==> flow/design.v <==
module gen_shift_unit_rtl #(
   parameter int W = 28,
   parameter int SBITS = $clog2(W)
) (
   input  logic ck,
   input  logic rst,
   input  logic [W-1:0] in,
   input  logic [SBITS-1:0] count,
   output logic [W-1:0] z_o
);
   logic [W-1:0] in_s;
   logic [SBITS-1:0] count_s;
   always_ff @(posedge ck or posedge rst) begin
      if (rst) begin
         in_s <= 0;
         count_s <= 0;
      end else begin
         in_s <= in;
         count_s <= count;
      end
   end
   assign z_o = in_s >> count_s;
endmodule
Subject: tool reports on gen_shift_unit_rtl

Hi,

**Step by step through the tools: gen_shift_unit_rtl**

A sweep over "W": the same steps for each member of the family.
The file above is the member W=28. Line numbers count from 1 in each member's own file.
Operators: Yosys type, input widths -> output width; for muxes data width and select width s.
Library cell names are shortened.
The mark n/a stands for no value.

- Top module: gen_shift_unit_rtl
- Clock: ck
- Library: sky130hd
- Library corner: tt_025C_1v80

**Source of the members**

New or changed lines of each further member against the RTL above, in its own file; lines it lacks are not shown.

New or changed lines:

| W | RTL line | text |
|---|---|---|
| 40 | 2 | `parameter int W = 40,` |
| 56 | 2 | `parameter int W = 56,` |
| 96 | 2 | `parameter int W = 96,` |
| 128 | 2 | `parameter int W = 128,` |

**After elaboration**

Yosys after proc, flatten, opt, wreduce and memory -nomap, before mapping. Enables and synchronous resets that opt folds into registers are not counted as muxes. Memory bits, and registers merged into a memory's read port (data or address), are not among the register bits. Print and check cells are not counted. Equal cells are merged and count once.

Word-level totals:

| W | bits in registers | bits of input ports | elaborated cells | output and inout port bits |
|---|---|---|---|---|
| 28 | 33 | 35 | 3 | 28 |
| 40 | 46 | 48 | 3 | 40 |
| 56 | 62 | 64 | 3 | 56 |
| 96 | 103 | 105 | 3 | 96 |
| 128 | 135 | 137 | 3 | 128 |

Cells by class:

| W | shift-type cells |
|---|---|
| 28 | 1 |
| 40 | 1 |
| 56 | 1 |
| 96 | 1 |
| 128 | 1 |

Operator list:

| W | kind and count |
|---|---|
| 28 | $shr 28x5->28: 1 |
| 40 | $shr 40x6->40: 1 |
| 56 | $shr 56x6->56: 1 |
| 96 | $shr 96x7->96: 1 |
| 128 | $shr 128x7->128: 1 |

**Depth**

Longest topological path by Yosys (ltp), each cell counted once; first at word level (registers and memories cut), then after technology mapping (sequential cells cut; the memories' decode and read muxes count).

Logic depth:

| W | depth in word-level cells | ABC_AREA | depth in mapped cells | depth with buffers taken out |
|---|---|---|---|---|
| 28 | 1 | 0 | 7 | 4 |
| 40 | 1 | 0 | 8 | 5 |
| 56 | 1 | 0 | 8 | 5 |
| 96 | 1 | 0 | 10 | 5 |
| 128 | 1 | 0 | 12 | 6 |

**Mapped cells and area**

The flow's flattened synthesis, as Yosys stat reports it; memories are mapped. The netlist is that of the ABC_AREA named above (0 if unset); the other value can give another one.

Cell types:

| W | types with counts |
|---|---|
| 28 | dfrtp_1: 33; mux4_2: 25; mux2_2: 14; mux2i_1: 10; nor2_1: 21; a211oi_1: 8; nand2_1: 16; buf_6: 5; a32oi_1: 4; nand2b_1: 5; nor2b_1: 5; o211ai_1: 4; mux4_1: 1; o22ai_1: 4; clkbuf_1: 6; buf_2: 4; o221ai_1: 2; o32ai_1: 2; [+29] |
| 40 | dfrtp_1: 46; mux4_1: 12; mux2i_1: 29; mux2_2: 24; nor2_1: 46; mux4_2: 7; o22ai_1: 25; nand2_1: 27; clkbuf_1: 19; a211oi_1: 8; o21ai_0: 12; a21oi_1: 11; o211ai_1: 6; buf_12: 2; and2_1: 6; nand2b_1: 6; nor3_1: 7; o221ai_1: 4; [+53] |
| 56 | dfrtp_1: 62; mux4_2: 54; mux2i_1: 44; mux2_2: 24; nand2_1: 52; mux4_1: 7; nor2_1: 49; buf_6: 10; o22ai_1: 15; a21oi_1: 16; o21ai_0: 16; o221ai_1: 7; buf_2: 12; a211oi_1: 7; clkbuf_1: 14; a221oi_1: 4; a211o_1: 3; a2bb2oi_1: 3; [+63] |
| 96 | dfrtp_1: 103; mux4_2: 96; mux2i_1: 108; mux2_2: 63; mux4_1: 22; nor2_1: 65; nand2_1: 61; o22ai_1: 28; o211ai_1: 23; a22oi_1: 22; o21ai_0: 32; clkbuf_1: 42; a21oi_1: 30; buf_2: 27; nand3_1: 24; a2bb2oi_1: 13; buf_6: 9; a211oi_1: 13; [+188] |
| 128 | mux4_2: 195; dfrtp_1: 135; mux2i_1: 133; mux2_2: 101; nand2_1: 150; nor2_1: 149; o22ai_1: 57; a211oi_1: 33; a21oi_1: 39; buf_6: 17; clkbuf_1: 50; buf_2: 37; o21ai_0: 33; o211ai_1: 20; o221ai_1: 16; nor3_1: 25; o22a_1: 13; buf_4: 14; [+231] |

The mark [+n] counts cells that are not listed.

Synthesis totals:

| W | cells in the netlist | sequential area (um^2) | buffer cells | mapped flip-flops | cell area after synthesis (um^2) |
|---|---|---|---|---|---|
| 28 | 198 | 825.8 | 18 | 33 | 2348.5 |
| 40 | 350 | 1151.1 | 30 | 46 | 3478.3 |
| 56 | 462 | 1551.5 | 44 | 62 | 5185.0 |
| 96 | 969 | 2577.5 | 99 | 103 | 10493.8 |
| 128 | 1448 | 3378.2 | 146 | 135 | 15189.6 |

**Path before layout**

Source: OpenSTA report_checks on the synthesized netlist (no wires, ideal clock, input and output delay 20% of the period each), path of least setup slack; recovery checks are left aside. Register names are those of the netlist, which keeps one name where synthesis merged equal registers.

Timing after synthesis:

| W | kind | from | to | slack (ps) | clock period (ps) | delay of the path (ps) | stages on the path | period reached after synthesis (ps) |
|---|---|---|---|---|---|---|---|---|
| 28 | flip-flop to output port | register count_s[0] | output port z_o[4] | 413 | 2580 | 1651 | 6 | 2167 |
| 40 | flip-flop to output port | register count_s[0] | output port z_o[0] | 460 | 2870 | 1836 | 8 | 2410 |
| 56 | flip-flop to output port | register count_s[0] | output port z_o[1] | 503 | 3130 | 2001 | 8 | 2627 |
| 96 | flip-flop to output port | register count_s[0] | output port z_o[12] | 584 | 3640 | 2328 | 11 | 3056 |
| 128 | flip-flop to output port | register count_s[2] | output port z_o[10] | 601 | 3740 | 2391 | 10 | 3139 |

"delay of the path" is the arrival time less input delay plus setup time.
At an output port there is no setup time.
"stages on the path" counts driving pins, that of a launching flip-flop among them; a cell with two outputs on the path counts twice.
"period reached after synthesis" = period - worst setup slack (recovery checks aside). The figure is calculated, with input and output delays left at 20% of the set period.
Between the ends stands the longest chain of elaborated cells between them, by number of cells; it is not shown to be the way that was timed. Of several equally long chains one is given.
A line is the first line of the expression or statement that the cell stems from. Yosys adds cells for indexed reads and writes and turns some case tables into memories.

Between the ends, after synthesis, W=28:
- Cells in the longest elaborated chain: 1

Ends and longest elaborated chain, after synthesis, W=28:

| what | RTL line | text |
|---|---|---|
| from (decl) | 12 | `logic [SBITS-1:0] count_s;` |
| from (assign) | 16 | `count_s <= 0;` |
| from (assign) | 19 | `count_s <= count;` |
| $shr 28x5->28 | 22 | `assign z_o = in_s >> count_s;` |
| to (decl) | 9 | `output logic [W-1:0] z_o` |

Between the ends, after synthesis, W=128:
- Cells in the longest elaborated chain: 1

Ends and longest elaborated chain, after synthesis, W=128:

| what | RTL line | text |
|---|---|---|
| from (decl) | 12 | `logic [SBITS-1:0] count_s;` |
| from (assign) | 16 | `count_s <= 0;` |
| from (assign) | 19 | `count_s <= count;` |
| $shr 128x7->128 | 22 | `assign z_o = in_s >> count_s;` |
| to (decl) | 9 | `output logic [W-1:0] z_o` |

**Worst path after layout**

Path of least setup slack in the final report of the run of each member (OpenROAD, finished layout, wires in). Where an end is a register, its clock arrival counts in the times.
The path's times are printed in steps of 10 ps; the period is the one set.

Timing post-layout:

| W | kind | from | to | path buffers | stages on the path | arrival (ps) | clock period (ps) | slack (ps) |
|---|---|---|---|---|---|---|---|---|
| 28 | flip-flop to output port | register count_s[0] | output port z_o[0] | 3 | 8 | 2170 | 2580 | -110 |
| 40 | flip-flop to output port | register count_s[0] | output port z_o[0] | 4 | 9 | 2430 | 2870 | -130 |
| 56 | flip-flop to output port | register count_s[0] | output port z_o[7] | 5 | 11 | 2670 | 3130 | -160 |
| 96 | flip-flop to output port | register count_s[0] | output port z_o[18] | 4 | 10 | 3120 | 3640 | -210 |
| 128 | flip-flop to output port | register count_s[2] | output port z_o[11] | 3 | 10 | 3560 | 3740 | -570 |

**Flow runs**

Settings and results of one run of the flow (Yosys, OpenROAD) for each member follow. The constraints put input and output delay at 20% of the set period each and load the outputs with 0.01 pF.

- CAP_MARGIN: 20
- CORE_MARGIN: 2
- CORE_UTILIZATION: 40
- SLEW_MARGIN: 20

Settings by member:

| W | period_ns |
|---|---|
| 28 | 2.58 |
| 40 | 2.87 |
| 56 | 3.13 |
| 96 | 3.64 |
| 128 | 3.74 |

Measured results:

| W | post-route utilization (%) | std-cell area (final layout) (um^2) | smallest setup slack (ps) | total negative slack (ps) | full die area (um^2) | power consumption (W) | chip area after synthesis (Yosys) (um^2) | clock period reached (ps) |
|---|---|---|---|---|---|---|---|---|
| 28 | 64.4 | 3589.7 | -108 | -648 | 6500.4 | 0.001632 | 2348.5 | 2688 |
| 40 | 62.8 | 5398.9 | -132 | -703 | 9457.6 | 0.001956 | 3478.3 | 3002 |
| 56 | 64.3 | 8111.5 | -165 | -1488 | 13888.6 | 0.003242 | 5185.0 | 3295 |
| 96 | 65.7 | 17031.3 | -210 | -2814 | 27546.0 | 0.004988 | 10493.8 | 3850 |
| 128 | 71.1 | 26660.6 | -570 | -25497 | 39549.3 | 0.008553 | 15189.6 | 4310 |

"clock period reached" = clock period - worst setup slack. The figure is calculated, with input and output delays left at 20% of the set period.
"power consumption" is the tool's figure for a default switching activity; nothing was simulated.

Regards
